==> flow/design.v <==
module plus_mod #(
    parameter WD = 72
) (
    input clk_i,
    input rst_ni,
    input [WD-1:0] first,
    input [WD-1:0] second,
    input [WD-1:0] third,
    output [WD+1:0] result
);
    reg [WD+1:0] result_reg;
    always @(posedge clk_i) begin
        if (!rst_ni) begin
            result_reg <= 0;
        end else begin
            result_reg <= first + second + third;
        end
    end
    assign result = result_reg;
endmodule
# Reports on plus_mod

Tool output for the design above, in the order of the flow.
Line numbers count from 1 in the design file above.
The mark n/a stands for no value.

Top module: plus_mod
Clock: clk_i
Cell library: sky130hd
Timing corner: tt_025C_1v80

# Elaborated design

Yosys after proc, flatten, opt, wreduce and memory -nomap, before mapping. Enables and synchronous resets that opt folds into registers are not counted as muxes. Memory bits, and registers merged into a memory's read port (data or address), are not among the register bits. Print and check cells are not counted. Equal cells are merged and count once.

Flip-flop bits (word level): 74
Output and inout port bits: 74
Elaborated cells: 3
Bits of input ports: 218

Add/subtract/negate cells: 2

Operators by type and width:

| operator                | number |
| adder 73 x 72 -> 74 bit | 1 |
| adder 72 x 72 -> 73 bit | 1 |

# Logic depth

Yosys ltp: most cells in a row. Word level: on the elaborated netlist, between registers, memories and ports. Mapped: between sequential cells and ports; inverters and the memories' decode and read muxes count.

Depth after elaboration: 2
ABC_AREA: 0
Mapped depth: 14
Mapped depth without buffers: 14

# Netlist

Yosys stat after the flow's synthesis: flattened, memories mapped to cells. It holds for the ABC_AREA given above (unset counts as 0); a run with the other value may have another netlist.
The area totals of this step are shown rounded.

Cells by type:

| cell                      | number | total area (sq um) |
| sky130_fd_sc_hd__dfxtp_1  | 74     | 1.48E+03 |
| sky130_fd_sc_hd__fa_1     | 73     | 1.46E+03 |
| sky130_fd_sc_hd__ha_1     | 71     | 888.352 |
| sky130_fd_sc_hd__a21oi_1  | 87     | 435.418 |
| sky130_fd_sc_hd__nor2_1   | 111    | 416.65 |
| sky130_fd_sc_hd__a21o_1   | 37     | 277.766 |
| sky130_fd_sc_hd__nand2_1  | 72     | 270.259 |
| sky130_fd_sc_hd__xnor2_1  | 25     | 218.96 |
| sky130_fd_sc_hd__o21ai_0  | 42     | 210.202 |
| sky130_fd_sc_hd__xor2_1   | 24     | 210.202 |
| sky130_fd_sc_hd__nand4_1  | 29     | 181.424 |
| sky130_fd_sc_hd__nor3_1   | 30     | 150.144 |
| sky130_fd_sc_hd__o21a_1   | 17     | 127.622 |
| sky130_fd_sc_hd__nand3_1  | 23     | 115.11 |
| sky130_fd_sc_hd__o21bai_1 | 14     | 105.101 |
| sky130_fd_sc_hd__inv_1    | 26     | 97.594 |
| sky130_fd_sc_hd__clkbuf_1 | 20     | 75.072 |
| sky130_fd_sc_hd__buf_2    | 13     | 65.062 |

Other cell types: 63; their cells: 146.

Mapped cells: 934
Sequential area: 1,480 sq um
Cell area after synthesis: 7,980 sq um
Buffer cells: 41
Flip-flops: 74

# Path before layout

Source: OpenSTA report_checks on the synthesized netlist (no wires, ideal clock, input and output delay 20% of the period each), path of least setup slack; recovery checks are left aside. Register names are those of the netlist, which keeps one name where synthesis merged equal registers.

Kind: in2reg
Start: input first[1]
End: register result_reg[69]
Setup time: 63 ps
Buffers on the path: 0
Setup slack: 755 ps
Launch time at the first pin: 944 ps
Input delay: 944 ps
Arrival: 3,902 ps
Stages on the path: 12
Data required time: 4,657 ps
Period: 4,720 ps
Delay of the path: 3,021 ps
Synthesis period reached: 3,965 ps

"delay of the path" is the arrival time less input delay plus setup time.
"stages on the path" counts driving pins, that of a launching flip-flop among them; a cell with two outputs on the path counts twice.
"synthesis period reached" is the clock period less the worst setup slack; recovery checks do not enter. This is arithmetic on one report: input and output delays are still those of the set period (20% each).
The rows between start and end are the longest chain of elaborated cells between them; the timing report does not say that the signal goes this way. Where chains are equally long, one stands for them.
Each line given opens the expression or statement behind the cell; cells for indexed reads and writes are added by Yosys, which also makes memories of some case tables.

Cell sequence: sky130_fd_sc_hd__fa_1 sky130_fd_sc_hd__ha_1 sky130_fd_sc_hd__fa_1 sky130_fd_sc_hd__a211o_1 sky130_fd_sc_hd__a211o_1 sky130_fd_sc_hd__nand3_2 sky130_fd_sc_hd__a2111oi_4 sky130_fd_sc_hd__o21ai_4 sky130_fd_sc_hd__nor2_2 sky130_fd_sc_hd__a221o_1 sky130_fd_sc_hd__or3_1 sky130_fd_sc_hd__nand3_1
Length of the longest elaborated chain: 2
Elaborated cells between the ends (all ways): 2
Source lines of those cells: 1
Those cells by class: add/sub (2)

RTL lines, path after synthesis:

| item                    | RTL line | text |
| start: declaration      | 6        | `input [WD-1:0] first,` |
| adder 72 x 72 -> 73 bit | 16       | `result_reg <= first + second + third;` |
| adder 73 x 72 -> 74 bit | 16       |  |
| end: assignment         | 14       | `result_reg <= 0;` |
| end: assignment         | 16       |  |
| end: declaration        | 11       | `reg [WD+1:0] result_reg;` |

# Path in the finished layout

From the final timing report of record 1: the path of least setup slack in the routed layout; clock arrival at registers is part of the times.
The report prints the path's times to 10 ps; the period is as set.

Kind: in2reg
Start: input first[1]
End: register result_reg[71]
Stages on the path: 13
Setup time: 60 ps
Input delay: 940 ps
Data required time: 5,000 ps
Launch time at the first pin: 940 ps
Setup slack: 280 ps
Buffers on the path: 1
Period: 4,720 ps
Arrival: 4,710 ps

The rows between start and end are the longest chain of elaborated cells between them; the timing report does not say that the signal goes this way. Where chains are equally long, one stands for them.

Cell sequence: sky130_fd_sc_hd__clkdlybuf4s50_1 sky130_fd_sc_hd__fa_1 sky130_fd_sc_hd__ha_1 sky130_fd_sc_hd__fa_1 sky130_fd_sc_hd__a211o_1 sky130_fd_sc_hd__a211o_1 sky130_fd_sc_hd__nand3_1 sky130_fd_sc_hd__a2111oi_1 sky130_fd_sc_hd__o211ai_1 sky130_fd_sc_hd__a21oi_1 sky130_fd_sc_hd__o31ai_1 sky130_fd_sc_hd__a21oi_1 sky130_fd_sc_hd__mux2i_1
Length of the longest elaborated chain: 2
Elaborated cells between the ends (all ways): 2
Source lines of those cells: 1
Those cells by class: add/sub (2)

RTL lines, path after layout:

| item                    | RTL line | text |
| start: declaration      | 6        | `input [WD-1:0] first,` |
| adder 72 x 72 -> 73 bit | 16       | `result_reg <= first + second + third;` |
| adder 73 x 72 -> 74 bit | 16       |  |
| end: assignment         | 14       | `result_reg <= 0;` |
| end: assignment         | 16       |  |
| end: declaration        | 11       | `reg [WD+1:0] result_reg;` |

FLOW RESULTS
============

3 stored runs of plus_mod in the flow (synthesis by Yosys, layout by OpenROAD, sky130hd cells), in arbitrary order. Constraints: input delay and output delay 20% of the set period each, output load 0.01 pF.
"achieved clock period" means the clock period less the worst setup slack. The figure is calculated, with input and output delays left at 20% of the set period.
"worst setup path time" = time allowed to the worst setup path (clock period - input delay - output delay, where it has them) - its slack; a late launch clock adds to it, a late capture clock takes from it.
"power consumption" rests on the timing tool's default activity at the inputs, not on a simulated workload.
"worst setup path time" is given in steps of 10 ps.
The results are shown rounded.
A setting shown as . is not set for that run.
Results: . = not shown.

| setting or result                         | record 1 | record 2 | record 3 |
| period_ns                                 | 4.72     | 4.48     | 4.71     |
| CAP_MARGIN                                | 20       | 20       | 40       |
| CORE_MARGIN                               | 2        | 2        | 2        |
| CORE_UTILIZATION                          | 40       | 22       | 53       |
| SLEW_MARGIN                               | 20       | 20       | 20       |
| SETUP_SLACK_MARGIN                        | .        | 1.17     | .        |
| PLACE_DENSITY_LB_ADDON                    | .        | 0.0      | .        |
| CELL_PAD_IN_SITES_DETAIL_PLACEMENT        | .        | 0        | .        |
| TNS_END_PERCENT                           | .        | 65       | .        |
| ABC_AREA                                  | .        | 1        | .        |
| GPL_TIMING_DRIVEN                         | .        | 1        | .        |
| CTS_CLUSTER_SIZE                          | .        | 59       | .        |
| CTS_CLUSTER_DIAMETER                      | .        | 65       | .        |
| MAX_ROUTING_LAYER                         | .        | met4     | .        |
| CORE_ASPECT_RATIO                         | .        | .        | 1.47     |
| CELL_PAD_IN_SITES_GLOBAL_PLACEMENT        | .        | .        | 2        |
| GPL_ROUTABILITY_DRIVEN                    | .        | .        | 1        |
| MIN_ROUTING_LAYER                         | .        | .        | met2     |
| power consumption (mW)                    | 4.00     | 5.40     | .        |
| total negative slack (ps)                 | 0        | 0        | .        |
| lowest setup slack (ps)                   | 284      | 1,220    | .        |
| chip area after synthesis (Yosys) (sq um) | 7,980    | 9,540    | .        |
| achieved clock period (ps)                | 4,436    | 3,257    | .        |
| standard-cell area after layout (sq um)   | 11,400   | 15,800   | .        |
| die outline area (sq um)                  | 21,100   | 45,000   | .        |
| post-route worst hold slack (ps)          | 1,320    | 1,100    | .        |
| worst setup path time (ps)                | 3,490    | 2,360    | .        |
| critical path type                        | in2reg   | in2reg   | .        |
| final design utilization                  | 0.585    | 0.368    | .        |

Record 3: no final report: placement broke off with GPL-0301
